==> flow/design.v <==
module core_data_mux_n #(
  parameter int DW = 12,
  parameter int NUM = 4,
  parameter int LG = $clog2(NUM)
) (
  input  logic clock,
  input  logic rst_n,
  input  logic step,
  input  logic [NUM*DW-1:0] d,
  input  logic [LG-1:0] sel,
  output logic [DW-1:0] out
);
  logic [NUM*DW-1:0] d_q;
  logic [LG-1:0] sel_q;
  logic [DW-1:0] out_q;
  always_ff @(posedge clock) begin
    if (~rst_n) begin
      d_q <= '0;
      sel_q <= '0;
      out_q <= '0;
    end else if (step) begin
      d_q <= d;
      sel_q <= sel;
      out_q <= d_q[sel_q*DW +: DW];
    end
  end
  assign out = out_q;
endmodule
# --- From RTL to reports: core_data_mux_n ---
# What the tools print for core_data_mux_n, step after step.
# Line numbers count from 1 in the design file above.
# Operators carry their Yosys type and port widths (W data, S select, Z words).
# Cell names lack the library's common part.
design:
  design: "core_data_mux_n"
  clock: "clock"
  cell_library: "sky130hd"
  lib_corner: "tt_025C_1v80"

# --- Elaborated design ---
# Source: Yosys, flattened and elaborated, memories not mapped. Widths are those after wreduce; folded enables and synchronous resets count as part of the registers. Registers that Yosys merges into a memory's read port (data or address) are not register bits. Print and check cells do not count. Equal cells are merged and count once.
bits:
  regBits: 62
  inputBits: 53
  output_inout_bits: 12
classes:
  multipliers: 1
  n_shift: 1
ops:
  columns: ["cell", "n"]
  rows:
  - ["$shiftx A48 B7 Y12", 1]
  - ["$mul A2 B2 Y4 const B", 1]

# --- Logic depth ---
# Yosys ltp: most cells in a row. Word level: on the elaborated netlist, between registers, memories and ports. Mapped: between sequential cells and ports; inverters and the memories' decode and read muxes count.
logic_depth:
  ltp_word: 2
  abc_area: 0
  mapped_depth: 4

# --- Mapped cells and area ---
# Source: synth_stat.txt of the flow (Yosys; design flattened, memories mapped). It holds for the ABC_AREA given above (unset counts as 0); a run with the other value may have another netlist.
mapped:
  stdcells: 231
  synth_area_um2: 2707.6
  flip_flops: 62
  buffers: 19
types:
  columns: ["type", "n"]
  rows:
  - ["dfxtp_1", 62]
  - ["mux2i_1", 74]
  - ["nor2b_1", 50]
  - ["buf_8", 7]
  - ["o221ai_1", 12]
  - ["nand3b_1", 12]
  - ["buf_6", 3]
  - ["nand3b_4", 1]
  - ["clkbuf_1", 5]
  - ["nand3_4", 1]
  - ["buf_2", 3]
  - ["buf_4", 1]

# --- Worst setup path after synthesis ---
# OpenSTA on the mapped netlist: ideal clock, no wires. The path of least setup slack (recovery checks aside). Input and output delay are each 20% of the period. Register names are those of the netlist, which keeps one name where synthesis merged equal registers.
synth_timing:
  path_kind: "reg2reg"
  start: "reg sel_q[1]"
  end: "reg out_q[0]"
  period_ns: 1.25
  launch_ns: 0.000
  t_arrival_ns: 0.870
  required_time_ns: 1.117
  setup_slack_ns: 0.247
  delay_ns: 1.003
  driving_pins: 5
  n_path_buf: 2
  period_less_setup_slack_ns: 1.003
# "delay_ns" is the arrival time less input delay plus setup time.
# "driving_pins": output pins that drive a net of the path, with the launching flip-flop's if there is one; two outputs of one cell count as two.
# "period_less_setup_slack_ns" is the clock period less the worst setup slack; recovery checks do not enter. This is arithmetic on one report: input and output delays are still those of the set period (20% each).
# Between the ends stands the longest chain of elaborated cells between them, by number of cells; it is not shown to be the way that was timed. Of several equally long chains one is given.
# A line is the first line of the expression or statement that the cell stems from. Yosys adds cells for indexed reads and writes and turns some case tables into memories.
synth_via:
  cell_sequence: "dfxtp_1 buf_6 buf_8 mux2i_1 o221ai_1"
  elab_chain_cells: 2
  cone_cells: 2
  lines_between: 1
synth_lines:
  columns: ["element", "line", "source"]
  rows:
  - ["from (decl)", 14, "logic [LG-1:0] sel_q;"]
  - ["from (assign)", 19, "sel_q <= '0;"]
  - ["from (assign)", 23, "sel_q <= sel;"]
  - ["$mul A2 B2 Y4", 24, "out_q <= d_q[sel_q*DW +: DW];"]
  - ["$shiftx A48 B7 Y12", 24, null]
  - ["to (assign)", 20, "out_q <= '0;"]
  - ["to (assign)", 24, null]
  - ["to (decl)", 15, "logic [DW-1:0] out_q;"]

# --- Path in the finished layout ---
# From the final timing report of record 2: the path of least setup slack in the routed layout; clock arrival at registers is part of the times.
layout_timing:
  path_kind: "reg2out"
  start: "reg out_q[2]"
  end: "out out[2]"
  period_ns: 1.25
  launch_ns: 0.32
  t_arrival_ns: 0.95
  required_time_ns: 1.00
  setup_slack_ns: 0.05
  driving_pins: 2
  n_path_buf: 1
layout_via:
  cell_sequence: "dfxtp_1 dlygate4sd2_1"
  elab_chain_cells: 0
  cone_cells: 0
  lines_between: 0
layout_lines:
  columns: ["element", "line", "source"]
  rows:
  - ["from (decl)", 15, "logic [DW-1:0] out_q;"]
  - ["from (assign)", 20, "out_q <= '0;"]
  - ["from (assign)", 24, "out_q <= d_q[sel_q*DW +: DW];"]
  - ["to (decl)", 11, "output logic [DW-1:0] out"]

# Module core_data_mux_n, platform sky130hd: 3 stored runs of the flow (Yosys, OpenROAD) with differing settings, in no particular order. Input and output delays are each 20% of the period that was set; the output load is 0.01 pF.
# "period_less_ws_ns" means the clock period less the worst setup slack. The figure is calculated, with input and output delays left at 20% of the set period.
# "worst_path_time_ns" is the time allowed to the run's worst setup path (the clock period less input and output delay, where it has them) less its slack. Clock arrival times count: a late capture clock shortens it, a late launch clock lengthens it.
# By "totalPower_uw" is meant OpenSTA's value without simulated activity: inputs other than the clock are taken to toggle once in ten clock periods, and the tool carries that through the logic.
runs:
  - name: "record 1"
    settings:
      period_ns: 0.621
      CORE_UTILIZATION: 63
      CORE_MARGIN: 3
      CELL_PAD_IN_SITES_DETAIL_PLACEMENT: 1
      CTS_CLUSTER_SIZE: 71
      CTS_CLUSTER_DIAMETER: 306
      CAP_MARGIN: 40
      SLEW_MARGIN: 35
      MAX_ROUTING_LAYER: "met5"
    outcome: "not finished: placement ended with error DPL-0033"
  - name: "record 2"
    settings:
      period_ns: 1.25
      CAP_MARGIN: 20
      CORE_MARGIN: 2
      CORE_UTILIZATION: 40
      SLEW_MARGIN: 20
    results:
      synthArea_um2: 2707.6
      design.die.area_um2: 7443.4
      stdcell_area_um2: 3577.2
      final_util_pct: 55.4
      ws_setup_ns: 0.052
      final_setup_tns_ns: 0.000
      final_hold_ws_ns: 0.368
      totalPower_uw: 4328
      period_less_ws_ns: 1.198
      worst_path_time_ns: 0.95
      critical_path_kind: "reg2out"
  - name: "record 3"
    settings:
      period_ns: 1.31
      CORE_UTILIZATION: 67
      SETUP_SLACK_MARGIN: 0.39
      PLACE_DENSITY: 0.76
      CORE_ASPECT_RATIO: 1.16
      CORE_MARGIN: 6
      CELL_PAD_IN_SITES_DETAIL_PLACEMENT: 0
      ABC_AREA: 1
      GPL_ROUTABILITY_DRIVEN: 1
      CTS_CLUSTER_SIZE: 71
      MIN_ROUTING_LAYER: "met1"
      CAP_MARGIN: 20
      SLEW_MARGIN: 20
    outcome: "not finished: clock tree synthesis ended with error DPL-0033"
